==> flow/design.v <==
module alu_selector_v2_m2 #(parameter N = 1) (
    input wire [N-1:0] a,
    input wire [N-1:0] b,
    input wire s,
    output wire [N-1:0] y
);
    assign y = (a & {N{~s}}) | (b & {N{s}});
endmodule
module alu_selector_v2 #(
    parameter integer XLEN = 3,
    parameter integer LANES = 4,
    parameter integer SBITS = $clog2(LANES)
) (
    input  i_clk,
    input  rst_ni,
    input  [LANES*XLEN-1:0] src,
    input  [SBITS-1:0] s,
    output reg [XLEN-1:0] res
);
    reg [LANES*XLEN-1:0] src_reg;
    reg [SBITS-1:0] s_reg;
    wire [XLEN-1:0] nd [1:2*LANES-1];
    genvar k;
    generate
        for (k = 0; k < LANES; k = k + 1) begin : u_g
            assign nd[LANES+k] = src_reg[k*XLEN +: XLEN];
        end
        for (k = 1; k < LANES; k = k + 1) begin : g_bit
            alu_selector_v2_m2 #(.N(XLEN)) unit (.a(nd[2*k]), .b(nd[2*k+1]), .s(s_reg[SBITS - $clog2(k+1)]), .y(nd[k]));
        end
    endgenerate
    always @(posedge i_clk or negedge rst_ni) begin
        if (!rst_ni) begin
            src_reg <= 0;
            s_reg <= 0;
            res <= 0;
        end else begin
            src_reg <= src;
            s_reg <= s;
            res <= nd[1];
        end
    end
endmodule
---- Step by step through the tools: alu_selector_v2 ----
The steps from the RTL of alu_selector_v2 to its reports follow in flow order.
Line numbers count from 1 in the design file above.
Library cell names are shortened.
The mark - stands for no value.
set-up
  design top .............................. alu_selector_v2
  clock ................................... i_clk
  library ................................. sky130hd
  library corner .......................... tt_025C_1v80

---- Elaborated design ----
Yosys after proc, flatten, opt, wreduce and memory -nomap, before mapping. Enables and synchronous resets that opt folds into registers are not counted as muxes. Print and check cells are not counted. Equal cells are merged and count once.
storage and ports
  flip-flop bits (word level) ............. 17
  input port bits ......................... 16
  output and inout port bits .............. 3
operators by class
  bitwise logic cells ..................... 11
operator list
  kind       count
  3-bit AND  6
  3-bit OR   3
  1-bit NOT  2

---- Depth ----
Longest topological path by Yosys (ltp), each cell counted once; first at word level (registers and memories cut), then after technology mapping (sequential cells cut; the memories' decode and read muxes count).
depth
  depth after elaboration ................. 5
  ABC_AREA ................................ 1
  gate-level depth with buffers ........... 4
  mapped depth without buffers ............ 4

---- Netlist ----
Yosys stat after the flow's synthesis: flattened, memories mapped to cells. It holds for the ABC_AREA given above (unset counts as 0); a run with the other value may have another netlist.
cells by type
  type     count  area in all (um2)
  dfrtp_1  17     425.408
  nand2_1  15     56.304
  inv_1    13     48.797
  nand3_1  6      30.029
  inv_2    1      3.754
synthesis totals
  cells in the netlist .................... 52
  chip area (Yosys) ....................... 564.3 um2
  area of sequential cells ................ 425.4 um2
  mapped flip-flops ....................... 17

---- Worst setup path after synthesis ----
Source: OpenSTA report_checks on the synthesized netlist (no wires, ideal clock, input and output delay 20% of the period each), path of least setup slack; recovery checks are left aside. Register names are those of the netlist, which keeps one name where synthesis merged equal registers.
timing path after synthesis
  kind .................................... register -> register
  from .................................... register s_reg[0]
  to ...................................... register res[0]
  clock period ............................ 1310 ps
  time at the first pin ................... 0 ps
  data arrival time ....................... 661 ps
  data required time ...................... 1193 ps
  setup slack ............................. 532 ps
  path delay .............................. 778 ps
  stages .................................. 5
  path buffers ............................ 0
  period reached after synthesis .......... 778 ps
"path delay" is the arrival time less input delay plus setup time.
"stages": output pins that drive a net of the path, with the launching flip-flop's if there is one; two outputs of one cell count as two.
"period reached after synthesis" is the clock period less the worst setup slack; recovery checks do not enter. This is arithmetic on one report: input and output delays are still those of the set period (20% each).
Between the ends stands the longest chain of elaborated cells between them, by number of cells; it is not shown to be the way that was timed. Of several equally long chains one is given.
Each line given opens the expression or statement behind the cell; cells for indexed reads and writes are added by Yosys, which also makes memories of some case tables.
between the ends, after synthesis
  cells stage by stage .................... dfrtp_1 -> inv_2 -> nand2_1 -> nand3_1 -> nand2_1
  length of the longest elaborated chain .. 5
  elaborated cells on any way between the ends .. 10
  RTL lines with such cells ............... 1
ends and longest elaborated chain, after synthesis
  what             line  source
  start, declared  21    reg [SBITS-1:0] s_reg;
  start, assigned  35    s_reg <= 0;
  start, assigned  39    s_reg <= s;
  1-bit NOT        7     assign y = (a & {N{~s}}) | (b & {N{s}});
  3-bit AND        7
  3-bit OR         7
  3-bit AND        7
  3-bit OR         7
  end, assigned    36    res <= 0;
  end, assigned    40    res <= nd[1];
  end, declared    18    output reg [XLEN-1:0] res

---- Timing after layout ----
From the final timing report of entry B: the path of least setup slack in the routed layout; clock arrival at registers is part of the times.
The path's times are printed in steps of 10 ps; the period is the one set.
timing path after layout
  kind .................................... register -> output
  from .................................... register res[2]
  to ...................................... output port res[2]
  clock period ............................ 730 ps
  external output delay ................... 150 ps
  time at the first pin ................... 280 ps
  data arrival time ....................... 780 ps
  data required time ...................... 580 ps
  setup slack ............................. -200 ps
  stages .................................. 2
  path buffers ............................ 1
between the ends, after layout
  cells stage by stage .................... dfrtp_1 -> buf_2
  length of the longest elaborated chain .. 0
  elaborated cells on any way between the ends .. 0
  RTL lines with such cells ............... 0
ends and longest elaborated chain, after layout
  what             line  source
  start, declared  18    output reg [XLEN-1:0] res
  start, assigned  36    res <= 0;
  start, assigned  40    res <= nd[1];
  end, declared    18

FLOW RESULTS
============

Top module alu_selector_v2; platform sky130hd; tools Yosys and OpenROAD; 3 stored runs in no particular order. Input and output delays are each 20% of the period that was set; the output load is 0.01 pF.
By "clock period reached" is meant the clock period of the run minus its worst setup slack. This is arithmetic on one report: input and output delays are still those of the set period (20% each).
"time of the worst setup path" is the time allowed to the run's worst setup path (the clock period less input and output delay, where it has them) less its slack. Clock arrival times count: a late capture clock shortens it, a late launch clock lengthens it.
"power consumption" is the tool's figure for a default switching activity; nothing was simulated.
"time of the worst setup path" is known to 10 ps.

======== entry A ========
==> flow/run.sh <==
#!/bin/bash
# the make line also repeats the synthesis and layout settings of config.mk as NAME=value (left out here)
make -C /OpenROAD-flow-scripts/flow DESIGN_CONFIG=/design/flow/config.mk WORK_HOME=/design/flow/orfs CLKGATE_MAP_FILE= finish
==> flow/config.mk <==
export PLATFORM = sky130hd
export DESIGN_NAME = alu_selector_v2
export DESIGN_NICKNAME = alu_selector_v2
export VERILOG_FILES = /design/flow/design.v
export SDC_FILE = /design/flow/constraint.sdc
export NUM_CORES = 4
export LEC_CHECK = 0
export CAP_MARGIN = 20
export CELL_PAD_IN_SITES_GLOBAL_PLACEMENT = 0
export CORE_MARGIN = 3
export CORE_UTILIZATION = 70
export GPL_TIMING_DRIVEN = 0
export MAX_ROUTING_LAYER = met5
export PLACE_DENSITY = 0.58
export SETUP_SLACK_MARGIN = 0.01
export SLEW_MARGIN = 20
==> flow/constraint.sdc <==
create_clock -name core_clock -period 1.07 [get_ports {i_clk}]
set_input_delay 0.2140 -clock core_clock [delete_from_list [all_inputs] [get_ports {i_clk}]]
set_output_delay 0.2140 -clock core_clock [all_outputs]
set_load 0.01 [all_outputs]

-------- entry A --------
  no final report: floorplanning broke off with PDN-0185

======== entry B ========
==> flow/run.sh <==
#!/bin/bash
# the make line also repeats the synthesis and layout settings of config.mk as NAME=value (left out here)
make -C /OpenROAD-flow-scripts/flow DESIGN_CONFIG=/design/flow/config.mk WORK_HOME=/design/flow/orfs CLKGATE_MAP_FILE= finish
==> flow/config.mk <==
export PLATFORM = sky130hd
export DESIGN_NAME = alu_selector_v2
export DESIGN_NICKNAME = alu_selector_v2
export VERILOG_FILES = /design/flow/design.v
export SDC_FILE = /design/flow/constraint.sdc
export NUM_CORES = 4
export LEC_CHECK = 0
export ABC_AREA = 1
export CAP_MARGIN = 20
export CORE_ASPECT_RATIO = 1.12
export CORE_MARGIN = 2
export CORE_UTILIZATION = 50
export CTS_CLUSTER_DIAMETER = 188
export CTS_CLUSTER_SIZE = 34
export PLACE_DENSITY = 0.7
export SETUP_SLACK_MARGIN = 0.12
export SLEW_MARGIN = 20
==> flow/constraint.sdc <==
create_clock -name core_clock -period 0.73 [get_ports {i_clk}]
set_input_delay 0.1460 -clock core_clock [delete_from_list [all_inputs] [get_ports {i_clk}]]
set_output_delay 0.1460 -clock core_clock [all_outputs]
set_load 0.01 [all_outputs]

-------- measured, entry B --------
  area of the die ......................... 1413.7 um2
  time of the worst setup path ............ 780 ps
  worst path kind ......................... register -> output
  clock period reached .................... 926 ps
  power consumption ....................... 1.731 mW
  chip area in the Yosys report ........... 564.3 um2
  setup slack of the worst path ........... -196 ps
  std-cell area (final layout) ............ 883.3 um2
  total negative slack .................... -950 ps
  utilization after layout ................ 86.5%

======== entry C ========
==> flow/run.sh <==
#!/bin/bash
# the make line also repeats the synthesis and layout settings of config.mk as NAME=value (left out here)
make -C /OpenROAD-flow-scripts/flow DESIGN_CONFIG=/design/flow/config.mk WORK_HOME=/design/flow/orfs CLKGATE_MAP_FILE= finish
==> flow/config.mk <==
export PLATFORM = sky130hd
export DESIGN_NAME = alu_selector_v2
export DESIGN_NICKNAME = alu_selector_v2
export VERILOG_FILES = /design/flow/design.v
export SDC_FILE = /design/flow/constraint.sdc
export NUM_CORES = 4
export LEC_CHECK = 0
export CAP_MARGIN = 20
export CORE_MARGIN = 2
export CORE_UTILIZATION = 40
export SLEW_MARGIN = 20
==> flow/constraint.sdc <==
create_clock -name core_clock -period 1.31 [get_ports {i_clk}]
set_input_delay 0.2620 -clock core_clock [delete_from_list [all_inputs] [get_ports {i_clk}]]
set_output_delay 0.2620 -clock core_clock [all_outputs]
set_load 0.01 [all_outputs]

-------- measured, entry C --------
  power consumption ....................... 0.9062 mW
  setup slack of the worst path ........... 132 ps
  utilization after layout ................ 64.1%
  time of the worst setup path ............ 920 ps
  worst path kind ......................... register -> output
  std-cell area (final layout) ............ 732.0 um2
  total negative slack .................... 0 ps
  clock period reached .................... 1178 ps
  chip area in the Yosys report ........... 504.2 um2
  area of the die ......................... 1560.7 um2
